==> flow/design.v <==
module mul_core_rtl #(
   parameter WIDTH = 6
) (
   input  wire clk,
   input  wire rst_i,
   input  wire [WIDTH-1:0] A,
   output reg [2*WIDTH-1:0] p
);
   reg [WIDTH-1:0] A_q;
   always @(posedge clk) begin
      if (rst_i) begin
         A_q <= 0;
         p <= 0;
      end else begin
         A_q <= A;
         p <= A_q * A_q;
      end
   end
endmodule
# From RTL to reports: mul_core_rtl
# Tool output for the design above, in the order of the flow.
# Line numbers count from 1 in the design file above.
# Operators carry their Yosys type and port widths (W data, S select, Z words).
# Not given: --
# inputs
top,mul_core_rtl
clk_port,clk
cell_library,sky130hd
pvt_corner,tt_025C_1v80

# Word-level counts
# Source: Yosys, flattened and elaborated, memories not mapped. Widths are those after wreduce; folded enables and synchronous resets count as part of the registers. Registers that Yosys merges into a memory's read port (data or address) are not register bits. Print and check cells do not count. Equal cells are merged and count once.
# word_totals
register_bits,18
input_bits,8
out_inout_bits,12
elab_cells,3
# op_classes
n_mul,1
# op_table
cell,n
$mul A6 B6 Y12,1

# Longest topological paths
# Depth = most cells in a row (Yosys ltp): at word level without a register or memory, in the mapped netlist without a sequential cell, where the memories' decode and read muxes count.
# logic_depth
word_depth,1
ABC_AREA,0
depth_mapped,13

# Netlist
# Yosys stat after the flow's synthesis: flattened, memories mapped to cells. It holds for the ABC_AREA given above (unset counts as 0); a run with the other value may have another netlist.
# The area totals of this step are shown rounded.
# types
cell_type,n,type_area_um2
sky130_fd_sc_hd__dfxtp_1,17,340.326
sky130_fd_sc_hd__ha_1,13,162.656
sky130_fd_sc_hd__fa_1,8,160.154
sky130_fd_sc_hd__inv_1,19,71.318
sky130_fd_sc_hd__nor2b_1,11,68.816
sky130_fd_sc_hd__and2_1,10,62.56
sky130_fd_sc_hd__xnor2_1,4,35.034
sky130_fd_sc_hd__nor2_1,8,30.029
sky130_fd_sc_hd__nand2_1,6,22.522
sky130_fd_sc_hd__o21a_1,3,22.522
sky130_fd_sc_hd__a21oi_1,4,20.019
sky130_fd_sc_hd__nor3_1,4,20.019
sky130_fd_sc_hd__xor2_1,2,17.517
sky130_fd_sc_hd__a21o_1,2,15.014
sky130_fd_sc_hd__a221oi_2,1,15.014
sky130_fd_sc_hd__clkbuf_1,3,11.261
sky130_fd_sc_hd__inv_2,3,11.261
sky130_fd_sc_hd__mux2_1,1,11.261
# Other cell types: 9; their cells: 10.
# mapped
cell_count,129
synth_area_um2,1200
sequential_area_um2,340
ffs,17

# Path before layout
# OpenSTA on the mapped netlist: ideal clock, no wires. The path of least setup slack (recovery checks aside). Input and output delay are each 20% of the period. Register names are those of the netlist, which keeps one name where synthesis merged equal registers.
# synth_timing
path_type,register to register
startpoint,register A_q[0]
endpoint,register p[11]
period_ps,4230
setup_time_ps,123
t_first_pin_ps,0
arrival_ps,3265
path_slack_ps,842
path_delay_ps,3388
path_stages,12
n_path_buf,0
synth_period_reached_ps,3388
# "path_delay_ps" is the arrival time less input delay plus setup time.
# "path_stages" counts driving pins, that of a launching flip-flop among them; a cell with two outputs on the path counts twice.
# "synth_period_reached_ps" = period - worst setup slack (recovery checks aside). The figure is calculated, with input and output delays left at 20% of the set period.
# Between the ends stands the longest chain of elaborated cells between them, by number of cells; it is not shown to be the way that was timed. Of several equally long chains one is given.
# Each line given opens the expression or statement behind the cell; cells for indexed reads and writes are added by Yosys, which also makes memories of some case tables.
# synth_via
path_cell_list,sky130_fd_sc_hd__dfxtp_1 -> sky130_fd_sc_hd__and2_1 -> sky130_fd_sc_hd__fa_1 -> sky130_fd_sc_hd__inv_1 -> sky130_fd_sc_hd__fa_1 -> sky130_fd_sc_hd__fa_1 -> sky130_fd_sc_hd__inv_1 -> sky130_fd_sc_hd__ha_1 -> sky130_fd_sc_hd__a21oi_1 -> sky130_fd_sc_hd__nand2_1 -> sky130_fd_sc_hd__a221oi_2 -> sky130_fd_sc_hd__mux2_1
elab_chain_cells,1
# synth_rtl
element,line_no,source
start: declaration,9,reg [WIDTH-1:0] A_q;
start: assignment,12,A_q <= 0;
start: assignment,15,A_q <= A;
$mul A6 B6 Y12,16,p <= A_q * A_q;
end: assignment,13,p <= 0;
end: assignment,16,
end: declaration,7,output reg [2*WIDTH-1:0] p

# Worst path after layout
# From the final timing report of run 1: the path of least setup slack in the routed layout; clock arrival at registers is part of the times.
# The report prints the path's times to 10 ps; the period is as set.
# layout_timing
path_type,register to register
startpoint,register A_q[0]
endpoint,register p[11]
period_ps,6260
setup_time_ps,100
t_first_pin_ps,310
arrival_ps,3880
path_slack_ps,2600
path_stages,12
n_path_buf,0
# Between the ends stands the longest chain of elaborated cells between them, by number of cells; it is not shown to be the way that was timed. Of several equally long chains one is given.
# layout_via
path_cell_list,sky130_fd_sc_hd__dfxtp_1 -> sky130_fd_sc_hd__and2_1 -> sky130_fd_sc_hd__fa_1 -> sky130_fd_sc_hd__inv_1 -> sky130_fd_sc_hd__fa_1 -> sky130_fd_sc_hd__fa_1 -> sky130_fd_sc_hd__inv_1 -> sky130_fd_sc_hd__ha_1 -> sky130_fd_sc_hd__a21oi_1 -> sky130_fd_sc_hd__nand2_1 -> sky130_fd_sc_hd__a221oi_2 -> sky130_fd_sc_hd__mux2_1
elab_chain_cells,1
# layout_rtl
element,line_no,source
start: declaration,9,reg [WIDTH-1:0] A_q;
start: assignment,12,A_q <= 0;
start: assignment,15,A_q <= A;
$mul A6 B6 Y12,16,p <= A_q * A_q;
end: assignment,13,p <= 0;
end: assignment,16,
end: declaration,7,output reg [2*WIDTH-1:0] p

Ticket comment

Below are 2 stored runs of the flow (Yosys, OpenROAD; platform sky130hd) on mul_core_rtl, each with its settings and what was measured, unordered. Constraints: input delay and output delay 20% of the set period each, output load 0.01 pF.
"period_reached_ps" = clock period - worst setup slack. The figure is calculated, with input and output delays left at 20% of the set period.
"worstPathTime_ps" means the part of the period allowed to the worst setup path (the constraints hold back 20% at inputs and 20% at outputs) less its slack; where the path has registers, the arrival times of their clocks count too.
"totalPower_w" rests on the timing tool's default activity at the inputs, not on a simulated workload.
"worstPathTime_ps" is given in steps of 10 ps.
Values from the reports are rounded here.

Run 1, flow files:
==> flow/run.sh <==
#!/bin/bash
# the make line also repeats the synthesis and layout settings of config.mk as NAME=value (left out here)
make -C /OpenROAD-flow-scripts/flow DESIGN_CONFIG=/design/flow/config.mk WORK_HOME=/design/flow/orfs CLKGATE_MAP_FILE= finish
==> flow/config.mk <==
export PLATFORM = sky130hd
export DESIGN_NAME = mul_core_rtl
export DESIGN_NICKNAME = mul_core_rtl
export VERILOG_FILES = /design/flow/design.v
export SDC_FILE = /design/flow/constraint.sdc
export NUM_CORES = 4
export LEC_CHECK = 0
export CAP_MARGIN = 35
export CELL_PAD_IN_SITES_DETAIL_PLACEMENT = 1
export CELL_PAD_IN_SITES_GLOBAL_PLACEMENT = 0
export CORE_ASPECT_RATIO = 1.54
export CORE_MARGIN = 2
export CORE_UTILIZATION = 46
export CTS_CLUSTER_DIAMETER = 135
export CTS_CLUSTER_SIZE = 54
export MIN_ROUTING_LAYER = met1
export PLACE_DENSITY_LB_ADDON = 0.12
export SETUP_SLACK_MARGIN = 0.45
export SLEW_MARGIN = 20
==> flow/constraint.sdc <==
create_clock -name core_clock -period 6.26 [get_ports {clk}]
set_input_delay 1.2520 -clock core_clock [delete_from_list [all_inputs] [get_ports {clk}]]
set_output_delay 1.2520 -clock core_clock [all_outputs]
set_load 0.01 [all_outputs]

==> results of run 1, as CSV <==
result,value
worstPathTime_ps,3660
worst_setup_path_type,"register to register"
totalPower_w,0.00024
synth_area_um2,1200
setupTns_ps,0
layout_stdcell_area_um2,1400
fin_hold_ws_ps,560
die_footprint_um2,3000
period_reached_ps,3662
setup_ws_ps,2600
finalUtil_pct,58

Run 2, flow files:
==> flow/run.sh <==
#!/bin/bash
# the make line also repeats the synthesis and layout settings of config.mk as NAME=value (left out here)
make -C /OpenROAD-flow-scripts/flow DESIGN_CONFIG=/design/flow/config.mk WORK_HOME=/design/flow/orfs CLKGATE_MAP_FILE= finish
==> flow/config.mk <==
export PLATFORM = sky130hd
export DESIGN_NAME = mul_core_rtl
export DESIGN_NICKNAME = mul_core_rtl
export VERILOG_FILES = /design/flow/design.v
export SDC_FILE = /design/flow/constraint.sdc
export NUM_CORES = 4
export LEC_CHECK = 0
export CAP_MARGIN = 20
export CORE_MARGIN = 2
export CORE_UTILIZATION = 40
export SLEW_MARGIN = 20
==> flow/constraint.sdc <==
create_clock -name core_clock -period 4.23 [get_ports {clk}]
set_input_delay 0.8460 -clock core_clock [delete_from_list [all_inputs] [get_ports {clk}]]
set_output_delay 0.8460 -clock core_clock [all_outputs]
set_load 0.01 [all_outputs]

==> results of run 2, as CSV <==
result,value
period_reached_ps,3679
finalUtil_pct,51
layout_stdcell_area_um2,1400
setup_ws_ps,550
setupTns_ps,0
totalPower_w,0.00035
synth_area_um2,1200
fin_hold_ws_ps,550
worstPathTime_ps,3680
worst_setup_path_type,"register to register"
die_footprint_um2,3400
